==> flow/design.v <==
module dp_mul_core_n #(
  parameter integer DATA_W = 5
) (
  input wire i_clk,
  input wire resetn,
  input wire [DATA_W-1:0] opa,
  output wire [2*DATA_W-1:0] p
);
  reg [DATA_W-1:0] opa_reg;
  always @(posedge i_clk or negedge resetn) begin
    if (~resetn) begin
      opa_reg <= 0;
    end else begin
      opa_reg <= opa;
    end
  end
  assign p = opa_reg * opa_reg;
endmodule
Wiki page: dp_mul_core_n / tool data

== Reports on dp_mul_core_n ==
Module dp_mul_core_n in several versions that differ in "DATA_W"; each step lists the members.
The file above is the member DATA_W=5. Line numbers count from 1 in each member's own file.
Library cell names are shortened.
The mark - stands for no value.

* Top: dp_mul_core_n
* Clock input: i_clk
* Standard-cell library: sky130hd
* Library corner: tt_025C_1v80

== Source of the members ==
Lines of each other member's file that are new or changed against the file above; lines that a member lacks are not shown.

{| class="wikitable"
|+ Lines new or changed
! DATA_W !! RTL line !! text
|-
| 6 || 2 || <nowiki>parameter integer DATA_W = 6</nowiki>
|-
| 8 || 2 || <nowiki>parameter integer DATA_W = 8</nowiki>
|-
| 20 || 2 || <nowiki>parameter integer DATA_W = 20</nowiki>
|-
| 22 || 2 || <nowiki>parameter integer DATA_W = 22</nowiki>
|-
| 28 || 2 || <nowiki>parameter integer DATA_W = 28</nowiki>
|}

== Word-level counts ==
Counts by Yosys on the flattened word-level netlist (proc, flatten, opt, wreduce; memories kept). Register bits leave out memories and registers merged into their read ports (data or address); mux counts leave out enables and synchronous resets folded into registers. Print and check cells are left out. Cells with the same type and inputs are merged into one.

{| class="wikitable"
|+ Cells by class
! DATA_W !! multiply operators
|-
| 5 || 1
|-
| 6 || 1
|-
| 8 || 1
|-
| 20 || 1
|-
| 22 || 1
|-
| 28 || 1
|}

{| class="wikitable"
|+ Operators with widths
! DATA_W !! kinds with counts
|-
| 5 || multiplier 5 x 5 -> 10 bit (1)
|-
| 6 || multiplier 6 x 6 -> 12 bit (1)
|-
| 8 || multiplier 8 x 8 -> 16 bit (1)
|-
| 20 || multiplier 20 x 20 -> 40 bit (1)
|-
| 22 || multiplier 22 x 22 -> 44 bit (1)
|-
| 28 || multiplier 28 x 28 -> 56 bit (1)
|}

{| class="wikitable"
|+ Word-level totals
! DATA_W !! word-level cells !! input bits !! bits in registers
|-
| 5 || 2 || 7 || 5
|-
| 6 || 2 || 8 || 6
|-
| 8 || 2 || 10 || 8
|-
| 20 || 2 || 22 || 20
|-
| 22 || 2 || 24 || 22
|-
| 28 || 2 || 30 || 28
|}

== Logic depth ==
Yosys ltp: most cells in a row. Word level: on the elaborated netlist, between registers, memories and ports. Mapped: between sequential cells and ports; inverters and the memories' decode and read muxes count.

{| class="wikitable"
|+ Depth
! DATA_W !! word-level depth !! ABC_AREA !! depth in mapped cells !! gate-level depth less buffers
|-
| 5 || 1 || 0 || 11 || 11
|-
| 6 || 1 || 0 || 13 || 13
|-
| 8 || 1 || 0 || 16 || 15
|-
| 20 || 1 || 0 || 27 || 26
|-
| 22 || 1 || 0 || 25 || 24
|-
| 28 || 1 || 0 || 28 || 25
|}

== Synthesis result ==
Yosys stat after the flow's synthesis: flattened, memories mapped to cells. It holds for the ABC_AREA given above (unset counts as 0); a run with the other value may have another netlist.
Totals and module areas in this step are rounded.

{| class="wikitable"
|+ Synthesis totals
! DATA_W !! buffer cells !! mapped cells !! flip-flop cells !! chip area (Yosys) (µm²)
|-
| 5 || 2 || 72 || 5 || 623
|-
| 6 || 4 || 105 || 6 || 931
|-
| 8 || 4 || 221 || 8 || 1940
|-
| 20 || 39 || 1277 || 20 || 12000
|-
| 22 || 53 || 1557 || 22 || 14400
|-
| 28 || 82 || 2548 || 28 || 23300
|}

{| class="wikitable"
|+ Cell types
! DATA_W !! type and count
|-
| 5 || dfrtp_1 (5); ha_1 (10); fa_1 (3); and2_1 (7); xnor2_1 (4); inv_1 (8); nand2_1 (7); a21oi_1 (5); nor2_1 (5); nor2b_1 (3); buf_4 (2); nand4_1 (2); o31ai_2 (1); a221oi_1 (1); a31o_2 (1); o311ai_0 (1); o311ai_1 (1); xor2_1 (1); (+5)
|-
| 6 || ha_1 (13); fa_1 (8); dfrtp_1 (6); inv_1 (20); and2_1 (10); xnor2_1 (5); mux2i_1 (3); xor2_1 (3); nor2b_1 (4); nand2_1 (6); nor2_1 (5); a21oi_2 (2); buf_4 (2); o21a_1 (2); buf_6 (1); a21oi_1 (2); and4b_1 (1); nand3_1 (2); (+10)
|-
| 8 || fa_1 (25); ha_1 (30); dfrtp_1 (8); inv_1 (46); and2_1 (21); xnor2_1 (9); nand2_1 (14); nor2_1 (11); a21oi_1 (8); o21ai_1 (6); a21o_1 (3); o21ai_0 (4); nand4_1 (3); nor2b_1 (3); xor2_1 (2); o41ai_2 (1); a211oi_1 (2); buf_4 (2); (+23)
|-
| 20 || fa_1 (279); ha_1 (151); inv_1 (350); dfrtp_1 (20); nand2_1 (120); and2_1 (71); xnor2_1 (33); a21o_1 (28); a21oi_1 (38); xor2_1 (20); clkbuf_1 (36); nor2_1 (29); o21ai_1 (16); o21ai_0 (10); a31oi_1 (7); nor2b_1 (7); or2_2 (6); and3_1 (5); (+51)
|-
| 22 || fa_1 (341); ha_1 (164); inv_1 (441); nand2_1 (155); and2_1 (91); dfrtp_1 (22); xnor2_1 (32); a21oi_1 (45); xor2_1 (23); a21o_1 (26); clkbuf_1 (47); nor2_1 (39); o21ai_0 (23); o21bai_1 (8); nor2b_1 (9); and3_1 (8); a211oi_1 (6); nand4_1 (7); (+70)
|-
| 28 || fa_1 (602); inv_1 (849); ha_1 (218); and2_1 (160); nand2_1 (231); dfrtp_1 (28); xnor2_1 (40); a21oi_1 (63); clkbuf_1 (79); nor2_1 (65); xor2_1 (26); a21o_1 (27); o21ai_0 (24); nand3_1 (14); nand4_1 (10); o21bai_1 (8); o21ai_1 (11); a21oi_2 (5); (+88)
|}

A list marked (+n) leaves out that many cells.

== Worst setup path after synthesis ==
OpenSTA on the mapped netlist: ideal clock, no wires. The path of least setup slack (recovery checks aside). Input and output delay are each 20% of the period. Register names are those of the netlist, which keeps one name where synthesis merged equal registers.

{| class="wikitable"
|+ Timing path post-synthesis
! DATA_W !! path kind !! from !! to !! path slack (ns) !! period (ns) !! delay of the path (ns) !! stages on the path !! synthesis period reached (ns)
|-
| 5 || register -> output || register opa_reg[0] || output port p[7] || 0.756 || 4.72 || 3.020 || 11 || 3.964
|-
| 6 || register -> output || register opa_reg[0] || output port p[11] || 0.821 || 5.13 || 3.283 || 12 || 4.309
|-
| 8 || register -> output || register opa_reg[1] || output port p[13] || 0.974 || 6.08 || 3.890 || 14 || 5.106
|-
| 20 || register -> output || register opa_reg[8] || output port p[39] || 1.678 || 10.6 || 6.802 || 23 || 8.922
|-
| 22 || register -> output || register opa_reg[6] || output port p[41] || 1.668 || 10.5 || 6.732 || 26 || 8.832
|-
| 28 || register -> output || register opa_reg[16] || output port p[54] || 1.680 || 10.5 || 6.720 || 26 || 8.82
|}

"delay of the path" = arrival - input delay + setup time.
At an output port there is no setup time.
"stages on the path" counts driving pins, that of a launching flip-flop among them; a cell with two outputs on the path counts twice.
"synthesis period reached" = period - worst setup slack (recovery checks aside). The figure is calculated, with input and output delays left at 20% of the set period.
The rows between start and end are the longest chain of elaborated cells between them; the timing report does not say that the signal goes this way. Where chains are equally long, one stands for them.
A line is the first line of the expression or statement that the cell stems from. Yosys adds cells for indexed reads and writes and turns some case tables into memories.

Between the ends, post-synthesis, DATA_W=5:
* Cells in the longest elaborated chain: 1

{| class="wikitable"
|+ RTL lines, path post-synthesis, DATA_W=5
! item !! RTL line !! text
|-
| start: declaration || 9 || <nowiki>reg [DATA_W-1:0] opa_reg;</nowiki>
|-
| start: assignment || 12 || <nowiki>opa_reg <= 0;</nowiki>
|-
| start: assignment || 14 || <nowiki>opa_reg <= opa;</nowiki>
|-
| multiplier 5 x 5 -> 10 bit || 17 || <nowiki>assign p = opa_reg * opa_reg;</nowiki>
|-
| end: declaration || 7 || <nowiki>output wire [2*DATA_W-1:0] p</nowiki>
|}

Between the ends, post-synthesis, DATA_W=28:
* Cells in the longest elaborated chain: 1

{| class="wikitable"
|+ RTL lines, path post-synthesis, DATA_W=28
! item !! RTL line !! text
|-
| start: declaration || 9 || <nowiki>reg [DATA_W-1:0] opa_reg;</nowiki>
|-
| start: assignment || 12 || <nowiki>opa_reg <= 0;</nowiki>
|-
| start: assignment || 14 || <nowiki>opa_reg <= opa;</nowiki>
|-
| multiplier 28 x 28 -> 56 bit || 17 || <nowiki>assign p = opa_reg * opa_reg;</nowiki>
|-
| end: declaration || 7 || <nowiki>output wire [2*DATA_W-1:0] p</nowiki>
|}

== Worst path after layout ==
Path of least setup slack in the final report of the run of each member (OpenROAD, finished layout, wires in). Where an end is a register, its clock arrival counts in the times.

{| class="wikitable"
|+ Timing path post-layout
! DATA_W !! path kind !! from !! to !! stages on the path !! arrival (ns) !! path slack (ns) !! period (ns) !! path buffers
|-
| 5 || register -> output || register opa_reg[2] || output port p[6] || 12 || 3.49 || 0.28 || 4.72 || 1
|-
| 6 || register -> output || register opa_reg[0] || output port p[6] || 12 || 3.85 || 0.25 || 5.13 || 1
|-
| 8 || register -> output || register opa_reg[1] || output port p[13] || 14 || 4.64 || 0.23 || 6.08 || 1
|-
| 20 || register -> output || register opa_reg[9] || output port p[36] || 25 || 7.98 || 0.50 || 10.6 || 2
|-
| 22 || register -> output || register opa_reg[5] || output port p[41] || 24 || 8.05 || 0.35 || 10.5 || 1
|-
| 28 || register -> output || register opa_reg[21] || output port p[54] || 26 || 8.10 || 0.30 || 10.5 || 2
|}

== Layout results ==
One run of the flow (Yosys, OpenROAD) for each member, with settings and measured results. Input and output delays are each 20% of the period that was set; the output load is 0.01 pF.

* CAP_MARGIN: 20
* CORE_MARGIN: 2
* CORE_UTILIZATION: 40
* SLEW_MARGIN: 20

{| class="wikitable"
|+ Settings by member
! DATA_W !! period_ns
|-
| 5 || 4.72
|-
| 6 || 5.13
|-
| 8 || 6.08
|-
| 20 || 10.6
|-
| 22 || 10.5
|-
| 28 || 10.5
|}

{| class="wikitable"
|+ Final reports
! DATA_W !! die footprint (µm²) !! clock period reached (ns) !! chip area after synthesis (Yosys) (µm²) !! worst setup slack after layout (ns) !! standard-cell area after layout (µm²) !! total negative slack (ns)
|-
| 5 || 1890 || 4.437 || 623 || 0.283 || 857 || 0.000
|-
| 6 || 2730 || 4.875 || 931 || 0.255 || 1160 || 0.000
|-
| 8 || 5420 || 5.852 || 1940 || 0.228 || 2290 || 0.000
|-
| 20 || 31300 || 10.095 || 12000 || 0.505 || 13100 || 0.000
|-
| 22 || 37500 || 10.147 || 14400 || 0.353 || 15700 || 0.000
|-
| 28 || 60100 || 10.196 || 23300 || 0.304 || 25500 || 0.000
|}

"clock period reached": clock period set for the run, less the worst setup slack. It is reckoned from that one timing run; input and output delays stay at 20% of the period that was set.
Measured values are rounded.
